==> flow/design.v <==
module gen_arith_v2 #(
  parameter DWIDTH = 4
) (
  input clk,
  input valid,
  input [DWIDTH-1:0] first,
  input [DWIDTH-1:0] second,
  input mode,
  output [DWIDTH-1:0] result
);
  reg [DWIDTH-1:0] first_r;
  reg [DWIDTH-1:0] second_r;
  reg mode_r;
  always @(posedge clk) begin
    if (valid) begin
      first_r <= first;
      second_r <= second;
      mode_r <= mode;
    end
  end
  reg [DWIDTH-1:0] t;
  always @* begin
    if (mode_r)
      t = first_r - second_r;
    else
      t = first_r + second_r;
  end
  assign result = t;
endmodule
### Tool chain data of gen_arith_v2

What the tools print for gen_arith_v2, step after step.
Line numbers count from 1 in the design file above.
Operators: Yosys type, input widths -> output width; for muxes data width and select width s.
Not given: --

* design top: gen_arith_v2
* clock input: clk
* standard-cell library: sky130hd
* corner: tt_025C_1v80

### Elaborated design

Source: Yosys, flattened and elaborated, memories not mapped. Widths are those after wreduce; folded enables and synchronous resets count as part of the registers. Registers that Yosys merges into a memory's read port (data or address) are not register bits. Print and check cells do not count. Equal cells are merged and count once.

* bits of input ports: 11
* bits in registers: 9
* output and inout bits: 4
* word-level cells: 6

* multiplexer cells: 1
* $add $sub $neg: 2

Operators by type and width (number)
* $add 4x4->4: 1
* $sub 4x4->4: 1
* $mux 4: 1

### Depth

Yosys ltp: most cells in a row. Word level: on the elaborated netlist, between registers, memories and ports. Mapped: between sequential cells and ports; inverters and the memories' decode and read muxes count.

* word-level depth: 2
* ABC_AREA: 0
* gate-level depth with buffers: 8

### Synthesis result

Source: synth_stat.txt of the flow (Yosys; design flattened, memories mapped). It holds for the ABC_AREA given above (unset counts as 0); a run with the other value may have another netlist.

Cells by type (number)
* sky130_fd_sc_hd__edfxtp_1: 9
* sky130_fd_sc_hd__ha_1: 4
* sky130_fd_sc_hd__xnor2_1: 4
* sky130_fd_sc_hd__inv_1: 8
* sky130_fd_sc_hd__fa_1: 1
* sky130_fd_sc_hd__mux2_2: 1
* sky130_fd_sc_hd__nor3_2: 1
* sky130_fd_sc_hd__xor2_1: 1
* sky130_fd_sc_hd__a21o_1: 1
* sky130_fd_sc_hd__nor2_1: 2
* sky130_fd_sc_hd__a21oi_1: 1

* sequential area: 270.3 um^2
* synthesis area: 455.4 um^2
* buffer cells: 0
* flip-flops: 9
* cells in the netlist: 33

### Path before layout

Path of least setup slack by OpenSTA after synthesis, without wires, with an ideal clock, recovery checks aside; 20% of the period is set as input and as output delay. Where synthesis merged equal registers, the netlist keeps one of their names.

* path kind: reg-to-output
* start: register second_r[0]
* end: output port result[3]
* delay of the path: 1732 ps
* slack: 436 ps
* output delay: 542 ps
* launch time at the first pin: 0 ps
* clock period: 2710 ps
* driving pins on the path: 9
* required time: 2168 ps
* data arrival time: 1732 ps
* synthesis period reached: 2274 ps

"delay of the path" is the arrival time less input delay plus setup time.
A path that ends at an output port has no setup time.
"driving pins on the path" counts driving pins, that of a launching flip-flop among them; a cell with two outputs on the path counts twice.
"synthesis period reached" is the clock period less the worst setup slack; recovery checks do not enter. This is arithmetic on one report: input and output delays are still those of the set period (20% each).
Between the ends stands the longest chain of elaborated cells between them, by number of cells; it is not shown to be the way that was timed. Of several equally long chains one is given.
A line is the first line of the expression or statement that the cell stems from. Yosys adds cells for indexed reads and writes and turns some case tables into memories.

* path through: sky130_fd_sc_hd__edfxtp_1 sky130_fd_sc_hd__inv_1 sky130_fd_sc_hd__ha_1 sky130_fd_sc_hd__mux2_2 sky130_fd_sc_hd__inv_1 sky130_fd_sc_hd__ha_1 sky130_fd_sc_hd__a21o_1 sky130_fd_sc_hd__a21oi_1 sky130_fd_sc_hd__xnor2_1
* length of the longest elaborated chain: 2
* elaborated cells on any way between the ends: 3

Ends and longest elaborated chain, after synthesis
* start, declared: RTL line 12 `reg [DWIDTH-1:0] second_r;`
* start, assigned: RTL line 17 `second_r <= second;`
* $add 4x4->4: RTL line 26 `t = first_r + second_r;`
* $mux 4: RTL line 23 `if (mode_r)`
* end, declared: RTL line 9 `output [DWIDTH-1:0] result`

### Worst path after layout

From the final timing report of record 2: the path of least setup slack in the routed layout; clock arrival at registers is part of the times.
The path's times are printed in steps of 10 ps; the period is the one set.

* path kind: reg-to-output
* start: register second_r[1]
* end: output port result[3]
* driving pins on the path: 10
* slack: -920 ps
* clock period: 1400 ps
* output delay: 280 ps
* launch time at the first pin: 230 ps
* required time: 1120 ps
* data arrival time: 2040 ps

Between the ends stands the longest chain of elaborated cells between them, by number of cells; it is not shown to be the way that was timed. Of several equally long chains one is given.

* path through: sky130_fd_sc_hd__edfxtp_1 sky130_fd_sc_hd__inv_2 sky130_fd_sc_hd__ha_4 sky130_fd_sc_hd__mux2_4 sky130_fd_sc_hd__inv_2 sky130_fd_sc_hd__ha_4 sky130_fd_sc_hd__a21o_1 sky130_fd_sc_hd__a21oi_2 sky130_fd_sc_hd__xnor2_2 sky130_fd_sc_hd__buf_2
* length of the longest elaborated chain: 2
* elaborated cells on any way between the ends: 3

Ends and longest elaborated chain, post-layout
* start, declared: RTL line 12 `reg [DWIDTH-1:0] second_r;`
* start, assigned: RTL line 17 `second_r <= second;`
* $add 4x4->4: RTL line 26 `t = first_r + second_r;`
* $mux 4: RTL line 23 `if (mode_r)`
* end, declared: RTL line 9 `output [DWIDTH-1:0] result`

Data sheet: physical implementation of gen_arith_v2

3 stored runs of gen_arith_v2 in the flow (synthesis by Yosys, layout by OpenROAD, sky130hd cells), in arbitrary order. Constraints: input delay and output delay 20% of the set period each, output load 0.01 pF.
"critical path time" means the part of the period allowed to the worst setup path (the constraints hold back 20% at inputs and 20% at outputs) less its slack; where the path has registers, the arrival times of their clocks count too.
"total power of the final layout" rests on the timing tool's default activity at the inputs, not on a simulated workload.
"critical path time" is known to 10 ps.

### Record 1

Settings: `period_ns=2.12`, `CORE_UTILIZATION=40`, `SETUP_SLACK_MARGIN=0.1`, `PLACE_DENSITY_LB_ADDON=0.02`, `CELL_PAD_IN_SITES_GLOBAL_PLACEMENT=3`, `CELL_PAD_IN_SITES_DETAIL_PLACEMENT=2`, `GPL_TIMING_DRIVEN=1`, `GPL_ROUTABILITY_DRIVEN=1`, `CTS_CLUSTER_DIAMETER=269`, `MAX_ROUTING_LAYER=met4`, `CAP_MARGIN=20`, `CORE_MARGIN=2`, `SLEW_MARGIN=20`

Did not finish, clock tree synthesis stopped with DPL-0033.

### Record 2

Settings: `period_ns=1.4`, `CORE_UTILIZATION=45`, `SETUP_SLACK_MARGIN=0.11`, `PLACE_DENSITY_LB_ADDON=0.28`, `GPL_TIMING_DRIVEN=1`, `GPL_ROUTABILITY_DRIVEN=0`, `CTS_CLUSTER_SIZE=17`, `CAP_MARGIN=20`, `MIN_ROUTING_LAYER=met2`, `MAX_ROUTING_LAYER=met4`, `CORE_MARGIN=2`, `SLEW_MARGIN=20`

- Final design utilization: 77.4 %
- Final setup TNS: -2714 ps
- Die outline area: 1282.7 um^2
- Total power of the final layout: 0.7791 mW
- Worst slack on setup checks: -917 ps
- Synthesis area: 455.4 um^2
- Worst hold slack after layout: 602 ps
- Critical path time: 2040 ps
- Worst path kind: reg-to-output

### Record 3

Settings: `period_ns=2.71`, `CAP_MARGIN=20`, `CORE_MARGIN=2`, `CORE_UTILIZATION=40`, `SLEW_MARGIN=20`

- Final design utilization: 62.8 %
- Final setup TNS: 0 ps
- Die outline area: 1424.7 um^2
- Total power of the final layout: 0.3949 mW
- Worst slack on setup checks: 80 ps
- Synthesis area: 455.4 um^2
- Worst hold slack after layout: 838 ps
- Critical path time: 2090 ps
- Worst path kind: reg-to-output
